==> flow/design.v <==
module my_rf #(
    parameter NWORDS = 64,
    parameter DW = 24,
    parameter IDX_W = $clog2(NWORDS)
) (
    input  ck,
    input  i_rst_n,
    input  step,
    input  in_write,
    input  [IDX_W-1:0] in_wr_idx,
    input  [DW-1:0] in_wdata,
    input  [IDX_W-1:0] in_rsel,
    output [DW-1:0] out_rdata
);
    reg write_reg;
    reg [IDX_W-1:0] wr_idx_reg;
    reg [DW-1:0] wdata_reg;
    always @(posedge ck or negedge i_rst_n) begin
        if (!i_rst_n) begin
            write_reg <= 1'b0;
            wr_idx_reg <= 0;
            wdata_reg <= 0;
        end else if (step) begin
            write_reg <= in_write;
            wr_idx_reg <= in_wr_idx;
            wdata_reg <= in_wdata;
        end
    end
    reg [DW-1:0] regs [0:NWORDS-1];
    always @(posedge ck) begin
        if (step && write_reg)
            regs[wr_idx_reg] <= wdata_reg;
    end
    reg [IDX_W-1:0] rsel_reg;
    always @(posedge ck or negedge i_rst_n) begin
        if (!i_rst_n) begin
            rsel_reg <= 0;
        end else if (step) begin
            rsel_reg <= in_rsel;
        end
    end
    assign out_rdata = regs[rsel_reg];
endmodule
### Reports on my_rf

The steps from the RTL of my_rf to its reports follow in flow order.
Line numbers count from 1 in the design file above.
Operators carry their Yosys type and port widths (W data, S select, Z words).
Cell names lack the library's common part.
A cell with n/a has no value.

| design | value |
|---|---|
| top module | my_rf |
| clock | ck |
| standard-cell library | sky130hd |
| timing corner | tt_025C_1v80 |

### After elaboration

Yosys after proc, flatten, opt, wreduce and memory -nomap, before mapping. Enables and synchronous resets that opt folds into registers are not counted as muxes. Memory bits, and registers merged into a memory's read port (data or address), are not among the register bits. Print and check cells are not counted. Equal cells are merged and count once.
Memory sizes are those after Yosys's memory passes, which may raise the word count (mostly to a power of two), join words into wider ones and drop unused or constant bits.

| cells by class | value |
|---|---|
| shift operators | 0 |
| add/sub/neg operators | 0 |
| reductions and logical operators | 1 |
| divide/modulo/power cells | 0 |
| bitwise operators | 0 |
| multiply operators | 0 |
| order comparisons | 0 |
| mux-type cells | 3 |
| equal/unequal tests | 0 |

Operators with widths:

| kind | count |
|---|---|
| $mux W24 | 1 |
| $mux W6 | 1 |
| $logic_and A1 B1 Y1 | 1 |
| $mux W1 | 1 |

| bit counts | value |
|---|---|
| output and inout bits | 24 |
| word-level cells | 9 |
| bits of input ports | 40 |
| memory bits (read-only) | 0 |
| latch bits | 0 |
| memory cells | 1 |
| bits in writable memories | 1536 |
| register bits after elaboration | 37 |
| word width x clocked read ports | 0 |

Memories:

| name | words | width | read ports | write ports | line | text |
|---|---|---|---|---|---|---|
| regs | 64 | 24 | 1 | 1 | 29 | `reg [DW-1:0] regs [0:NWORDS-1];` |

### Depth

Longest topological path by Yosys (ltp), each cell counted once; first at word level (registers and memories cut), then after technology mapping (sequential cells cut; the memories' decode and read muxes count).

| depth | value |
|---|---|
| depth after elaboration | 2 |
| ABC_AREA | 0 |
| gate-level depth with buffers | 9 |
| mapped depth without buffers | 5 |

### Synthesis result

Source: synth_stat.txt of the flow (Yosys; design flattened, memories mapped). It holds for the ABC_AREA given above (unset counts as 0); a run with the other value may have another netlist.
Totals and module areas in this step are rounded.

| mapped netlist | value |
|---|---|
| buffer cells | 152 |
| mapped flip-flops | 1573 |
| sequential area | 47050 um^2 |
| cells in the netlist | 2641 |
| synthesis area | 59990 um^2 |

Cells by type:

| type | count | area in all (um^2) |
|---|---|---|
| edfxtp_1 | 1536 | 4.61E+04 |
| mux4_2 | 382 | 8.6E+03 |
| dfrtp_1 | 37 | 925.888 |
| mux2i_1 | 59 | 590.566 |
| mux2_2 | 43 | 484.214 |
| a22oi_1 | 61 | 457.939 |
| nor2_1 | 89 | 334.07 |
| buf_4 | 35 | 262.752 |
| clkbuf_1 | 64 | 240.23 |
| nand2_1 | 58 | 217.709 |
| nand3_1 | 35 | 175.168 |
| buf_2 | 34 | 170.163 |
| o21ai_0 | 33 | 165.158 |
| o22ai_1 | 24 | 150.144 |
| a32oi_1 | 14 | 122.618 |
| and4_1 | 12 | 105.101 |
| o21a_1 | 12 | 90.086 |
| a22o_1 | 10 | 87.584 |

Not listed: further types 23, cells in them 103.

### Path before layout

Source: OpenSTA report_checks on the synthesized netlist (no wires, ideal clock, input and output delay 20% of the period each), path of least setup slack; recovery checks are left aside. Register names are those of the netlist, which keeps one name where synthesis merged equal registers.

| timing post-synthesis | value |
|---|---|
| path type | register -> output |
| start point | register rsel_reg[0] |
| end point | output out_rdata[23] |
| delay of the path | 1975 ps |
| setup slack | 633 ps |
| clock period | 3260 ps |
| stages on the path | 9 |
| output delay | 652 ps |
| arrival | 1975 ps |
| synthesis period reached | 2627 ps |

"delay of the path" = arrival - input delay + setup time.
A path that ends at an output port has no setup time.
"stages on the path" counts driving pins, that of a launching flip-flop among them; a cell with two outputs on the path counts twice.
"synthesis period reached" = period - worst setup slack (recovery checks aside). The figure is calculated, with input and output delays left at 20% of the set period.
Between the ends stands the longest chain of elaborated cells between them, by number of cells; it is not shown to be the way that was timed. Of several equally long chains one is given.
Each line given opens the expression or statement behind the cell; cells for indexed reads and writes are added by Yosys, which also makes memories of some case tables.
A memory read counts as a cell of the chain, while the word-level depth stops at memories.

| between the ends, post-synthesis | value |
|---|---|
| cell sequence | dfrtp_1 -> buf_2 -> buf_4 -> buf_4 -> mux4_2 -> mux2i_1 -> nand3_1 -> nand3_1 -> nand2_1 |
| cells in the longest elaborated chain | 1 |

Ends and longest elaborated chain, post-synthesis:

| element | line | text |
|---|---|---|
| start, declared | 34 | `reg [IDX_W-1:0] rsel_reg;` |
| start, assigned | 37 | `rsel_reg <= 0;` |
| start, assigned | 39 | `rsel_reg <= in_rsel;` |
| $mem_v2 Z64 W24 | 29 | `reg [DW-1:0] regs [0:NWORDS-1];` |
| end, declared | 13 | `output [DW-1:0] out_rdata` |

### Path in the finished layout

From the final timing report of run 1: the path of least setup slack in the routed layout; clock arrival at registers is part of the times.
The path's times are printed in steps of 10 ps; the period is the one set.

| timing after layout | value |
|---|---|
| path type | register -> output |
| start point | register rsel_reg[0] |
| end point | output out_rdata[10] |
| output delay | 590 ps |
| arrival | 3330 ps |
| clock period | 2930 ps |
| setup slack | -990 ps |
| stages on the path | 12 |

Between the ends stands the longest chain of elaborated cells between them, by number of cells; it is not shown to be the way that was timed. Of several equally long chains one is given.
A memory read counts as a cell of the chain, while the word-level depth stops at memories.

| between the ends, after layout | value |
|---|---|
| cell sequence | dfrtp_4 -> buf_4 -> buf_12 -> buf_12 -> buf_4 -> buf_4 -> mux4_2 -> a22oi_2 -> buf_4 -> nand3_1 -> and4_4 -> buf_6 |
| cells in the longest elaborated chain | 1 |

Ends and longest elaborated chain, after layout:

| element | line | text |
|---|---|---|
| start, declared | 34 | `reg [IDX_W-1:0] rsel_reg;` |
| start, assigned | 37 | `rsel_reg <= 0;` |
| start, assigned | 39 | `rsel_reg <= in_rsel;` |
| $mem_v2 Z64 W24 | 29 | `reg [DW-1:0] regs [0:NWORDS-1];` |
| end, declared | 13 | `output [DW-1:0] out_rdata` |

Subject: my_rf on sky130hd, stored results

Hello all,

Record of 3 stored runs of the RTL-to-layout flow on my_rf, platform sky130hd. The runs are unordered. Constraints: input delay and output delay 20% of the set period each, output load 0.01 pF.
"period achieved" = clock period - worst setup slack. The figure is calculated, with input and output delays left at 20% of the set period.
"worst setup path time" is the time allowed to the run's worst setup path (the clock period less input and output delay, where it has them) less its slack. Clock arrival times count: a late capture clock shortens it, a late launch clock lengthens it.
"overall power": no workload was simulated; the value follows from the tool's default switching activity.
"worst setup path time" is known to 10 ps.
The measured numbers are rounded.
A setting shown as . is not set for that run.
Results: . = not shown.

| stored run | period_ns | CORE_UTILIZATION | CORE_ASPECT_RATIO | TNS_END_PERCENT | GPL_ROUTABILITY_DRIVEN | CTS_CLUSTER_DIAMETER | CAP_MARGIN | SLEW_MARGIN | CORE_MARGIN | PLACE_DENSITY_LB_ADDON | CELL_PAD_IN_SITES_DETAIL_PLACEMENT | MIN_ROUTING_LAYER | MAX_ROUTING_LAYER | worst-case hold slack (ps) | standard-cell area after routing (um^2) | netlist area reported by Yosys (um^2) | utilization in the final report (%) | period achieved (ps) | setup slack of the worst path (ps) | die size (um^2) | total negative slack (ps) | worst setup path time (ps) | critical path kind | overall power (W) |
|---|---|---|---|---|---|---|---|---|---|---|---|---|---|---|---|---|---|---|---|---|---|---|---|---|
| run 1 | 2.93 | 53 | 0.72 | 75 | 0 | 137 | 15 | 15 | 2 | . | . | . | . | 146 | 72040 | 59990 | 64.3 | 3916 | -986 | 115900 | -21900 | 3330 | register -> output | 0.04928 |
| run 2 | 3.26 | 40 | . | . | . | . | 20 | 20 | 2 | . | . | . | . | 292 | 73260 | 59990 | 49.0 | 3971 | -711 | 153100 | -14620 | 3320 | register -> output | 0.04635 |
| run 3 | 2.46 | 56 | 1.93 | . | 0 | . | 20 | 20 | 10 | 0.09 | 2 | met2 | met4 | . | . | . | . | . | . | . | . | . | . | . |

Run 3: no results, placement failed with DPL-0033

Thanks
